==> flow/design.v <==
module ex_adder_top (ck, rst_ni, first, second, res, cy);
    parameter integer W = 16;
    input ck;
    input rst_ni;
    input [W-1:0] first;
    input [W-1:0] second;
    output [W-1:0] res;
    output cy;
    reg [W-1:0] first_d1;
    always @(posedge ck) begin
        if (~rst_ni) begin
            first_d1 <= 0;
        end else begin
            first_d1 <= first;
        end
    end
    reg [W-1:0] second_d1;
    always @(posedge ck) begin
        if (~rst_ni) begin
            second_d1 <= 0;
        end else begin
            second_d1 <= second;
        end
    end
    reg [W-1:0] g;
    reg [W-1:0] p;
    integer k;
    always @(*) begin
        g = first_d1 & second_d1;
        p = first_d1 ^ second_d1;
        for (k = 1; k < W; k = k * 2) begin
            g = g | (p & (g << k));
            p = p & (p << k);
        end
    end
    reg [W-1:0] val_d1;
    always @(posedge ck) begin
        if (~rst_ni) begin
            val_d1 <= 0;
        end else begin
            val_d1 <= first_d1 ^ second_d1;
        end
    end
    reg [W-1:0] g_d1;
    always @(posedge ck) begin
        if (~rst_ni) begin
            g_d1 <= 0;
        end else begin
            g_d1 <= g;
        end
    end
    reg [W-1:0] res_d1;
    always @(posedge ck) begin
        if (~rst_ni) begin
            res_d1 <= 0;
        end else begin
            res_d1 <= val_d1 ^ {g_d1[W-2:0], 1'b0};
        end
    end
    assign res = res_d1;
    reg cy_d1;
    always @(posedge ck) begin
        if (~rst_ni) begin
            cy_d1 <= 1'b0;
        end else begin
            cy_d1 <= g_d1[W-1];
        end
    end
    assign cy = cy_d1;
endmodule
Reports on ex_adder_top
What the tools print for ex_adder_top, step after step.
Lines are those of the file above, counted from 1.
Library cell names are shortened.
A cell with - has no value.
- top: ex_adder_top
- clock input: ck
- standard-cell library: sky130hd
- timing corner: tt_025C_1v80

After elaboration
Source: Yosys, flattened and elaborated, memories not mapped. Widths are those after wreduce; folded enables and synchronous resets count as part of the registers. Registers that Yosys merges into a memory's read port (data or address) are not register bits. Print and check cells do not count. Equal cells are merged and count once.
- noted bitwise logic cells: 14
- operators by type and width (kind ; number):
    16-bit bitwise AND ; 8
    16-bit bitwise OR ; 4
    16-bit bitwise XOR ; 2
- output and inout bits at 17
- bits in registers: 81
- elaborated cells at 20

Logic depth
Longest topological path by Yosys (ltp), each cell counted once; first at word level (registers and memories cut), then after technology mapping (sequential cells cut; the memories' decode and read muxes count).
- word-level depth at 9
- ABC_AREA: 0
- noted mapped depth: 5
- depth with buffers taken out: 5

Synthesis result
The flow's flattened synthesis, as Yosys stat reports it; memories are mapped. The netlist is that of the ABC_AREA named above (0 if unset); the other value can give another one.
The area totals of this step are shown rounded.
- sequential area at 1620 um^2
- buffer cells at 8
- noted cells in the netlist: 264
- flip-flops at 81
- noted synthesis area: 2830 um^2
- cell types (cell type ; number):
    dfxtp_1 ; 81
    and2_1 ; 48
    ha_1 ; 16
    xnor2_1 ; 15
    nor2_1 ; 24
    a21oi_1 ; 12
    o21ai_0 ; 9
    nand2_1 ; 10
    o41ai_2 ; 2
    a21o_1 ; 4
    clkbuf_1 ; 7
    a31oi_1 ; 4
    o22ai_4 ; 1
    inv_1 ; 5
    a21oi_2 ; 2
    a32oi_2 ; 1
    a22oi_1 ; 2
    nand4_1 ; 2
Not listed: further types 17, cells in them 19.

Worst setup path after synthesis
Path of least setup slack by OpenSTA after synthesis, without wires, with an ideal clock, recovery checks aside; 20% of the period is set as input and as output delay. Where synthesis merged equal registers, the netlist keeps one of their names.
- path type: register -> register
- start: register first_d1[3]
- end: register g_d1[13]
- data arrival time: 1.357 ns
- setup time at 0.122 ns
- clock period: 1.85 ns
- path slack at 0.371 ns
- noted stages on the path: 6
- noted path buffers: 0
- delay of the path: 1.479 ns
- noted synthesis period reached: 1.479 ns
"delay of the path" is the arrival time less input delay plus setup time.
"stages on the path" counts driving pins, that of a launching flip-flop among them; a cell with two outputs on the path counts twice.
"synthesis period reached" = period - worst setup slack (recovery checks aside). The figure is calculated, with input and output delays left at 20% of the set period.
The rows between start and end are the longest chain of elaborated cells between them; the timing report does not say that the signal goes this way. Where chains are equally long, one stands for them.
Each line given opens the expression or statement behind the cell; cells for indexed reads and writes are added by Yosys, which also makes memories of some case tables.
- cells stage by stage: dfxtp_1 ha_1 a21oi_2 o22ai_4 o2bb2ai_1 a221o_1
- cells in the longest elaborated chain: 8
- noted elaborated cells between the ends (all ways): 12
- RTL lines, path after synthesis (element ; line ; text):
    from (decl) ; 9 ; reg [W-1:0] first_d1;
    from (assign) ; 12 ; first_d1 <= 0;
    from (assign) ; 14 ; first_d1 <= first;
    16-bit bitwise XOR ; 30 ; p = first_d1 ^ second_d1;
    16-bit bitwise AND ; 32 ; g = g | (p & (g << k));
    16-bit bitwise OR ; 32 ;
    16-bit bitwise AND ; 32 ;
    16-bit bitwise OR x2 ; 32 ;
    16-bit bitwise AND ; 32 ;
    16-bit bitwise OR ; 32 ;
    to (assign) ; 47 ; g_d1 <= 0;
    to (assign) ; 49 ; g_d1 <= g;
    to (decl) ; 44 ; reg [W-1:0] g_d1;

Worst path after layout
From the final timing report of entry A: the path of least setup slack in the routed layout; clock arrival at registers is part of the times.
- path type: register -> register
- start: register first_d1[3]
- end: register g_d1[14]
- clock period: 1.11 ns
- setup time at 0.12 ns
- noted stages on the path: 7
- data arrival time: 1.80 ns
- path slack at -0.47 ns
- noted path buffers: 1
The rows between start and end are the longest chain of elaborated cells between them; the timing report does not say that the signal goes this way. Where chains are equally long, one stands for them.
- cells stage by stage: dfxtp_2 ha_4 a21oi_4 o22ai_4 buf_12 o41ai_4 o211ai_1
- cells in the longest elaborated chain: 8
- noted elaborated cells between the ends (all ways): 12
- RTL lines, path post-layout (element ; line ; text):
    from (decl) ; 9 ; reg [W-1:0] first_d1;
    from (assign) ; 12 ; first_d1 <= 0;
    from (assign) ; 14 ; first_d1 <= first;
    16-bit bitwise AND ; 29 ; g = first_d1 & second_d1;
    16-bit bitwise AND ; 32 ; g = g | (p & (g << k));
    16-bit bitwise OR ; 32 ;
    16-bit bitwise AND ; 32 ;
    16-bit bitwise OR x2 ; 32 ;
    16-bit bitwise AND ; 32 ;
    16-bit bitwise OR ; 32 ;
    to (assign) ; 47 ; g_d1 <= 0;
    to (assign) ; 49 ; g_d1 <= g;
    to (decl) ; 44 ; reg [W-1:0] g_d1;

FLOW RESULTS
============

Stored flow runs of ex_adder_top (3 of them; Yosys, OpenROAD, sky130hd). They differ in their settings and are not a sequence. Constraints: input delay and output delay 20% of the set period each, output load 0.01 pF.
"achieved period" = clock period - worst setup slack. The figure is calculated, with input and output delays left at 20% of the set period.
"allowed time less slack (worst setup path)" = time allowed to the worst setup path (clock period - input delay - output delay, where it has them) - its slack; a late launch clock adds to it, a late capture clock takes from it.
"total power of the final layout": no workload was simulated; the value follows from the tool's default switching activity.
The results are shown rounded.

Entry A

==> flow/run.sh <==
#!/bin/bash
# the make line also repeats the synthesis and layout settings of config.mk as NAME=value (left out here)
make -C /OpenROAD-flow-scripts/flow DESIGN_CONFIG=/design/flow/config.mk WORK_HOME=/design/flow/orfs CLKGATE_MAP_FILE= finish
==> flow/config.mk <==
export PLATFORM = sky130hd
export DESIGN_NAME = ex_adder_top
export DESIGN_NICKNAME = ex_adder_top
export VERILOG_FILES = /design/flow/design.v
export SDC_FILE = /design/flow/constraint.sdc
export NUM_CORES = 4
export LEC_CHECK = 0
export CAP_MARGIN = 20
export CELL_PAD_IN_SITES_GLOBAL_PLACEMENT = 1
export CORE_MARGIN = 2
export CORE_UTILIZATION = 32
export CTS_CLUSTER_DIAMETER = 139
export GPL_ROUTABILITY_DRIVEN = 1
export GPL_TIMING_DRIVEN = 0
export MAX_ROUTING_LAYER = met4
export PLACE_DENSITY_LB_ADDON = 0.03
export SETUP_SLACK_MARGIN = -0.11
export SLEW_MARGIN = 35
==> flow/constraint.sdc <==
create_clock -name core_clock -period 1.11 [get_ports {ck}]
set_input_delay 0.2220 -clock core_clock [delete_from_list [all_inputs] [get_ports {ck}]]
set_output_delay 0.2220 -clock core_clock [all_outputs]
set_load 0.01 [all_outputs]

Measured in entry A:
- noted the cell area after synthesis: 2830 um^2
- noted the overall die area: 9600 um^2
- noted the standard-cell area after routing: 3920 um^2
- lowest setup slack at -0.466 ns
- noted the worst-case hold slack: 0.433 ns
- noted the total power of the final layout: 0.00592 W
- achieved period: 1.576 ns
- allowed time less slack (worst setup path) at 1.58 ns
- critical path kind: register -> register

Entry B

==> flow/run.sh <==
#!/bin/bash
# the make line also repeats the synthesis and layout settings of config.mk as NAME=value (left out here)
make -C /OpenROAD-flow-scripts/flow DESIGN_CONFIG=/design/flow/config.mk WORK_HOME=/design/flow/orfs CLKGATE_MAP_FILE= finish
==> flow/config.mk <==
export PLATFORM = sky130hd
export DESIGN_NAME = ex_adder_top
export DESIGN_NICKNAME = ex_adder_top
export VERILOG_FILES = /design/flow/design.v
export SDC_FILE = /design/flow/constraint.sdc
export NUM_CORES = 4
export LEC_CHECK = 0
export CAP_MARGIN = 20
export CORE_MARGIN = 2
export CORE_UTILIZATION = 40
export SLEW_MARGIN = 20
==> flow/constraint.sdc <==
create_clock -name core_clock -period 1.85 [get_ports {ck}]
set_input_delay 0.3700 -clock core_clock [delete_from_list [all_inputs] [get_ports {ck}]]
set_output_delay 0.3700 -clock core_clock [all_outputs]
set_load 0.01 [all_outputs]

Measured in entry B:
- noted the cell area after synthesis: 2830 um^2
- noted the overall die area: 7750 um^2
- noted the standard-cell area after routing: 3660 um^2
- lowest setup slack at 0.185 ns
- noted the worst-case hold slack: 0.446 ns
- noted the total power of the final layout: 0.00355 W
- achieved period: 1.665 ns
- allowed time less slack (worst setup path) at 1.67 ns
- critical path kind: register -> register

Entry C

==> flow/run.sh <==
#!/bin/bash
# the make line also repeats the synthesis and layout settings of config.mk as NAME=value (left out here)
make -C /OpenROAD-flow-scripts/flow DESIGN_CONFIG=/design/flow/config.mk WORK_HOME=/design/flow/orfs CLKGATE_MAP_FILE= finish
==> flow/config.mk <==
export PLATFORM = sky130hd
export DESIGN_NAME = ex_adder_top
export DESIGN_NICKNAME = ex_adder_top
export VERILOG_FILES = /design/flow/design.v
export SDC_FILE = /design/flow/constraint.sdc
export NUM_CORES = 4
export LEC_CHECK = 0
export ABC_AREA = 0
export CAP_MARGIN = 20
export CORE_MARGIN = 2
export CORE_UTILIZATION = 67
export CTS_CLUSTER_DIAMETER = 285
export CTS_CLUSTER_SIZE = 80
export GPL_TIMING_DRIVEN = 1
export PLACE_DENSITY = 0.8
export SETUP_SLACK_MARGIN = 0.42
export SLEW_MARGIN = 35
==> flow/constraint.sdc <==
create_clock -name core_clock -period 1.57 [get_ports {ck}]
set_input_delay 0.3140 -clock core_clock [delete_from_list [all_inputs] [get_ports {ck}]]
set_output_delay 0.3140 -clock core_clock [all_outputs]
set_load 0.01 [all_outputs]

Measured in entry C:
- noted the cell area after synthesis: 2830 um^2
- noted the overall die area: 4750 um^2
- noted the standard-cell area after routing: 3850 um^2
- lowest setup slack at -0.202 ns
- noted the worst-case hold slack: 0.510 ns
- noted the total power of the final layout: 0.00461 W
- achieved period: 1.772 ns
- allowed time less slack (worst setup path) at 1.77 ns
- critical path kind: register -> register
